==> flow/design.v <==
module gen_order_rtl #(
    parameter XLEN = 20,
    parameter LANES = 7
) (
    input logic CLK,
    input logic srst,
    input logic [LANES*XLEN-1:0] i_ch,
    output logic [XLEN-1:0] o_high
);
    logic [LANES*XLEN-1:0] ch_reg;
    always_ff @(posedge CLK or posedge srst) begin
        if (srst) begin
            ch_reg <= '0;
        end else begin
            ch_reg <= i_ch;
        end
    end
    logic [XLEN-1:0] val;
    always_comb begin
        val = ch_reg[XLEN-1:0];
        for (int idx = 1; idx < LANES; idx++)
            if (ch_reg[idx*XLEN +: XLEN] > val) val = ch_reg[idx*XLEN +: XLEN];
    end
    always_ff @(posedge CLK or posedge srst) begin
        if (srst) begin
            o_high <= '0;
        end else begin
            o_high <= val;
        end
    end
endmodule
* Step by step through the tools: gen_order_rtl
What the tools print for gen_order_rtl, step after step. Line numbers count from 1 in the design file above. Cell names lack the library's common part. A cell with n/a has no value.
Set-up: design top gen_order_rtl, clock input CLK, standard-cell library sky130hd, timing corner tt_025C_1v80

* After elaboration
Counts by Yosys on the flattened word-level netlist (proc, flatten, opt, wreduce; memories kept). Register bits leave out memories and registers merged into their read ports (data or address); mux counts leave out enables and synchronous resets folded into registers. Print and check cells are left out. Cells with the same type and inputs are merged into one.
Bit counts: bits in registers 160, bits in latches 0, memory bits (writable) 0, ROM bits 0, clocked read ports x word width 0, memories 0, input port bits 142, cells after elaboration 14
Cells by class: add/sub/neg operators 0, multiply operators 0, div/mod/pow operators 0, magnitude comparators 6, equal/unequal tests 0, shift-type cells 0, multiplexer cells 6, bitwise gates (word level) 0, reductions and logical operators 0
Operators with widths (count):
- > comparator 20 bit | 6
- 2-to-1 mux 20 bit | 6

* Depth
Depth = most cells in a row (Yosys ltp): at word level without a register or memory, in the mapped netlist without a sequential cell, where the memories' decode and read muxes count.
Depth: word-level depth 12, ABC_AREA 0, gate-level depth with buffers 85

* Mapped cells and area
Source: synth_stat.txt of the flow (Yosys; design flattened, memories mapped). It holds for the ABC_AREA given above (unset counts as 0); a run with the other value may have another netlist.
Cells by type:
- dfrtp_1 | count 160, total area 4003.84 um2
- ha_1 | count 114, total area 1.43E+03 um2
- o21ai_0 | count 77, total area 385.37 um2
- a21oi_1 | count 72, total area 360.346 um2
- inv_1 | count 84, total area 315.302 um2
- nand2_1 | count 82, total area 307.795 um2
- mux2i_1 | count 23, total area 230.221 um2
- mux2_2 | count 19, total area 213.955 um2
- a21o_1 | count 24, total area 180.173 um2
- a221oi_2 | count 10, total area 150.144 um2
- o211ai_1 | count 18, total area 135.13 um2
- nand4_1 | count 19, total area 118.864 um2
- nor3_1 | count 20, total area 100.096 um2
- a221oi_1 | count 9, total area 78.826 um2
- clkbuf_1 | count 21, total area 78.826 um2
- nand2b_1 | count 12, total area 75.072 um2
- nor2_1 | count 20, total area 75.072 um2
- nor2b_1 | count 12, total area 75.072 um2
Not listed: further types 47, cells in them 108.
Mapped netlist: mapped cells 904, chip area (Yosys) 9195.1 um2, flip-flop cells 160, buffer cells 27

* Path before layout
Path of least setup slack by OpenSTA after synthesis, without wires, with an ideal clock, recovery checks aside; 20% of the period is set as input and as output delay. Where synthesis merged equal registers, the netlist keeps one of their names.
Timing after synthesis: path type register to register, from register ch_reg[18], to register o_high[10], period 18.3 ns, library setup time 0.094 ns, launch time at the first pin 0.000 ns, arrival 14.552 ns, required time 18.206 ns, path slack 3.654 ns, path delay 14.646 ns, stages 73, synthesis period reached 14.646 ns
"path delay" = arrival - input delay + setup time. "stages" counts driving pins, that of a launching flip-flop among them; a cell with two outputs on the path counts twice. "synthesis period reached" is the clock period less the worst setup slack; recovery checks do not enter. This is arithmetic on one report: input and output delays are still those of the set period (20% each). Between the ends stands the longest chain of elaborated cells between them, by number of cells; it is not shown to be the way that was timed. Of several equally long chains one is given. Each line given opens the expression or statement behind the cell; cells for indexed reads and writes are added by Yosys, which also makes memories of some case tables.
Between the ends, after synthesis: path through dfrtp_1 -> inv_1 -> ha_1 -> a21oi_1 -> nand2_1 -> a21oi_1 -> nand4_2 -> o21ai_0 -> clkbuf_1 -> clkbuf_1 -> mux2i_1 -> ha_1 -> and4_1 -> a21oi_1 -> nand2_1 -> a221oi_1 -> o21a_1 -> o41ai_1 -> (+37 left out) -> nand2_1 -> nor2_1 -> o21ai_0 -> o211ai_1 -> nand2_1 -> mux2_1 -> ha_1 -> nand4_1 -> nor4_1 -> o21ai_0 -> o211a_1 -> a22oi_1 -> clkbuf_1 -> clkbuf_1 -> nand2_1 -> o211ai_1 -> a21oi_1 -> a221oi_2, cells in the longest elaborated chain 12
Ends and longest elaborated chain, after synthesis:
- start: declaration | RTL line 10 | logic [LANES*XLEN-1:0] ch_reg;
- start: assignment | RTL line 13 | ch_reg <= '0;
- start: assignment | RTL line 15 | ch_reg <= i_ch;
- > comparator 20 bit | RTL line 22 | if (ch_reg[idx*XLEN +: XLEN] > val) val = ch_reg[idx*XLEN +: XLEN];
- 2-to-1 mux 20 bit | RTL line 22
- > comparator 20 bit | RTL line 22
- 2-to-1 mux 20 bit | RTL line 22
- > comparator 20 bit | RTL line 22
- 2-to-1 mux 20 bit | RTL line 22
- > comparator 20 bit | RTL line 22
- 2-to-1 mux 20 bit | RTL line 22
- > comparator 20 bit | RTL line 22
- 2-to-1 mux 20 bit | RTL line 22
- > comparator 20 bit | RTL line 22
- 2-to-1 mux 20 bit | RTL line 22
- end: assignment | RTL line 26 | o_high <= '0;
- end: assignment | RTL line 28 | o_high <= val;
- end: declaration | RTL line 8 | output logic [XLEN-1:0] o_high

* Timing after layout
Path of least setup slack in the final report of stored run 1 (OpenROAD, finished layout, wires in). Where an end is a register, its clock arrival counts in the times.
Timing after layout: path type register to register, from register ch_reg[35], to register o_high[18], period 18.3 ns, library setup time 0.14 ns, launch time at the first pin 0.43 ns, arrival 16.86 ns, required time 18.60 ns, path slack 1.75 ns, stages 65
Between the ends stands the longest chain of elaborated cells between them, by number of cells; it is not shown to be the way that was timed. Of several equally long chains one is given.
Between the ends, after layout: path through dfrtp_1 -> ha_1 -> nand4_1 -> nor4_4 -> nand2_1 -> o21ai_2 -> buf_4 -> mux2_2 -> inv_1 -> ha_1 -> a21o_1 -> a31oi_1 -> nor2_1 -> a211o_1 -> a21oi_1 -> o21a_1 -> o41ai_1 -> o21ai_2 -> (+29 left out) -> nand4_1 -> nor3_1 -> and3_1 -> nand2_1 -> nor2_1 -> o21ai_0 -> o211ai_1 -> nand2_1 -> mux2_1 -> ha_1 -> nand4_1 -> nor4_1 -> o21ai_0 -> o211a_1 -> a22o_1 -> o2111ai_2 -> o21ai_0 -> a221oi_1, cells in the longest elaborated chain 12
Ends and longest elaborated chain, after layout:
- start: declaration | RTL line 10 | logic [LANES*XLEN-1:0] ch_reg;
- start: assignment | RTL line 13 | ch_reg <= '0;
- start: assignment | RTL line 15 | ch_reg <= i_ch;
- > comparator 20 bit | RTL line 22 | if (ch_reg[idx*XLEN +: XLEN] > val) val = ch_reg[idx*XLEN +: XLEN];
- 2-to-1 mux 20 bit | RTL line 22
- > comparator 20 bit | RTL line 22
- 2-to-1 mux 20 bit | RTL line 22
- > comparator 20 bit | RTL line 22
- 2-to-1 mux 20 bit | RTL line 22
- > comparator 20 bit | RTL line 22
- 2-to-1 mux 20 bit | RTL line 22
- > comparator 20 bit | RTL line 22
- 2-to-1 mux 20 bit | RTL line 22
- > comparator 20 bit | RTL line 22
- 2-to-1 mux 20 bit | RTL line 22
- end: assignment | RTL line 26 | o_high <= '0;
- end: assignment | RTL line 28 | o_high <= val;
- end: declaration | RTL line 8 | output logic [XLEN-1:0] o_high

Data sheet: physical implementation of gen_order_rtl

3 stored runs of gen_order_rtl in the flow (synthesis by Yosys, layout by OpenROAD, sky130hd cells), in arbitrary order. Constraints: input delay and output delay 20% of the set period each, output load 0.01 pF.
"period reached" is the run's clock period less its worst setup slack. It is reckoned from that one timing run; input and output delays stay at 20% of the period that was set.
"time of the worst setup path" = time allowed to the worst setup path (clock period - input delay - output delay, where it has them) - its slack; a late launch clock adds to it, a late capture clock takes from it.
"power" rests on the timing tool's default activity at the inputs, not on a simulated workload.

[stored run 1] flow files
==> flow/run.sh <==
#!/bin/bash
# the make line also repeats the synthesis and layout settings of config.mk as NAME=value (left out here)
make -C /OpenROAD-flow-scripts/flow DESIGN_CONFIG=/design/flow/config.mk WORK_HOME=/design/flow/orfs CLKGATE_MAP_FILE= finish
==> flow/config.mk <==
export PLATFORM = sky130hd
export DESIGN_NAME = gen_order_rtl
export DESIGN_NICKNAME = gen_order_rtl
export VERILOG_FILES = /design/flow/design.v
export SDC_FILE = /design/flow/constraint.sdc
export NUM_CORES = 4
export LEC_CHECK = 0
export CAP_MARGIN = 20
export CORE_MARGIN = 2
export CORE_UTILIZATION = 40
export SLEW_MARGIN = 20
==> flow/constraint.sdc <==
create_clock -name core_clock -period 18.3 [get_ports {CLK}]
set_input_delay 3.6600 -clock core_clock [delete_from_list [all_inputs] [get_ports {CLK}]]
set_output_delay 3.6600 -clock core_clock [all_outputs]
set_load 0.01 [all_outputs]

[stored run 1] result: Yosys chip area after synthesis 9195.1 um2; time of the worst setup path 16.55 ns; worst setup path type register to register; die size 24216.0 um2; standard-cell area after layout 11746.3 um2; worst hold slack 0.554 ns; utilization 52.0 %; lowest setup slack 1.745 ns; sum of negative setup slack 0.000 ns; period reached 16.555 ns; power 0.001513 W

[stored run 2] flow files
==> flow/run.sh <==
#!/bin/bash
# the make line also repeats the synthesis and layout settings of config.mk as NAME=value (left out here)
make -C /OpenROAD-flow-scripts/flow DESIGN_CONFIG=/design/flow/config.mk WORK_HOME=/design/flow/orfs CLKGATE_MAP_FILE= finish
==> flow/config.mk <==
export PLATFORM = sky130hd
export DESIGN_NAME = gen_order_rtl
export DESIGN_NICKNAME = gen_order_rtl
export VERILOG_FILES = /design/flow/design.v
export SDC_FILE = /design/flow/constraint.sdc
export NUM_CORES = 4
export LEC_CHECK = 0
export ABC_AREA = 1
export CAP_MARGIN = 20
export CORE_ASPECT_RATIO = 1.99
export CORE_MARGIN = 2
export CORE_UTILIZATION = 45
export GPL_ROUTABILITY_DRIVEN = 1
export PLACE_DENSITY_LB_ADDON = 0.21
export SLEW_MARGIN = 20
==> flow/constraint.sdc <==
create_clock -name core_clock -period 12.6 [get_ports {CLK}]
set_input_delay 2.5200 -clock core_clock [delete_from_list [all_inputs] [get_ports {CLK}]]
set_output_delay 2.5200 -clock core_clock [all_outputs]
set_load 0.01 [all_outputs]

[stored run 2] result: Yosys chip area after synthesis 8525.7 um2; time of the worst setup path 11.72 ns; worst setup path type register to register; die size 20129.1 um2; standard-cell area after layout 11114.4 um2; worst hold slack 0.490 ns; utilization 59.3 %; lowest setup slack 0.884 ns; sum of negative setup slack 0.000 ns; period reached 11.716 ns; power 0.002144 W

[stored run 3] flow files
==> flow/run.sh <==
#!/bin/bash
# the make line also repeats the synthesis and layout settings of config.mk as NAME=value (left out here)
make -C /OpenROAD-flow-scripts/flow DESIGN_CONFIG=/design/flow/config.mk WORK_HOME=/design/flow/orfs CLKGATE_MAP_FILE= finish
==> flow/config.mk <==
export PLATFORM = sky130hd
export DESIGN_NAME = gen_order_rtl
export DESIGN_NICKNAME = gen_order_rtl
export VERILOG_FILES = /design/flow/design.v
export SDC_FILE = /design/flow/constraint.sdc
export NUM_CORES = 4
export LEC_CHECK = 0
export CAP_MARGIN = 20
export CORE_MARGIN = 7
export CORE_UTILIZATION = 64
export CTS_CLUSTER_DIAMETER = 187
export CTS_CLUSTER_SIZE = 50
export PLACE_DENSITY_LB_ADDON = 0.18
export SETUP_SLACK_MARGIN = 3.71
export SLEW_MARGIN = 20
export TNS_END_PERCENT = 20
==> flow/constraint.sdc <==
create_clock -name core_clock -period 27.2 [get_ports {CLK}]
set_input_delay 5.4400 -clock core_clock [delete_from_list [all_inputs] [get_ports {CLK}]]
set_output_delay 5.4400 -clock core_clock [all_outputs]
set_load 0.01 [all_outputs]

[stored run 3] result: Yosys chip area after synthesis 9195.1 um2; time of the worst setup path 17.66 ns; worst setup path type register to register; die size 17919.8 um2; standard-cell area after layout 11562.3 um2; worst hold slack 0.570 ns; utilization 83.0 %; lowest setup slack 9.541 ns; sum of negative setup slack 0.000 ns; period reached 17.659 ns; power 0.001008 W
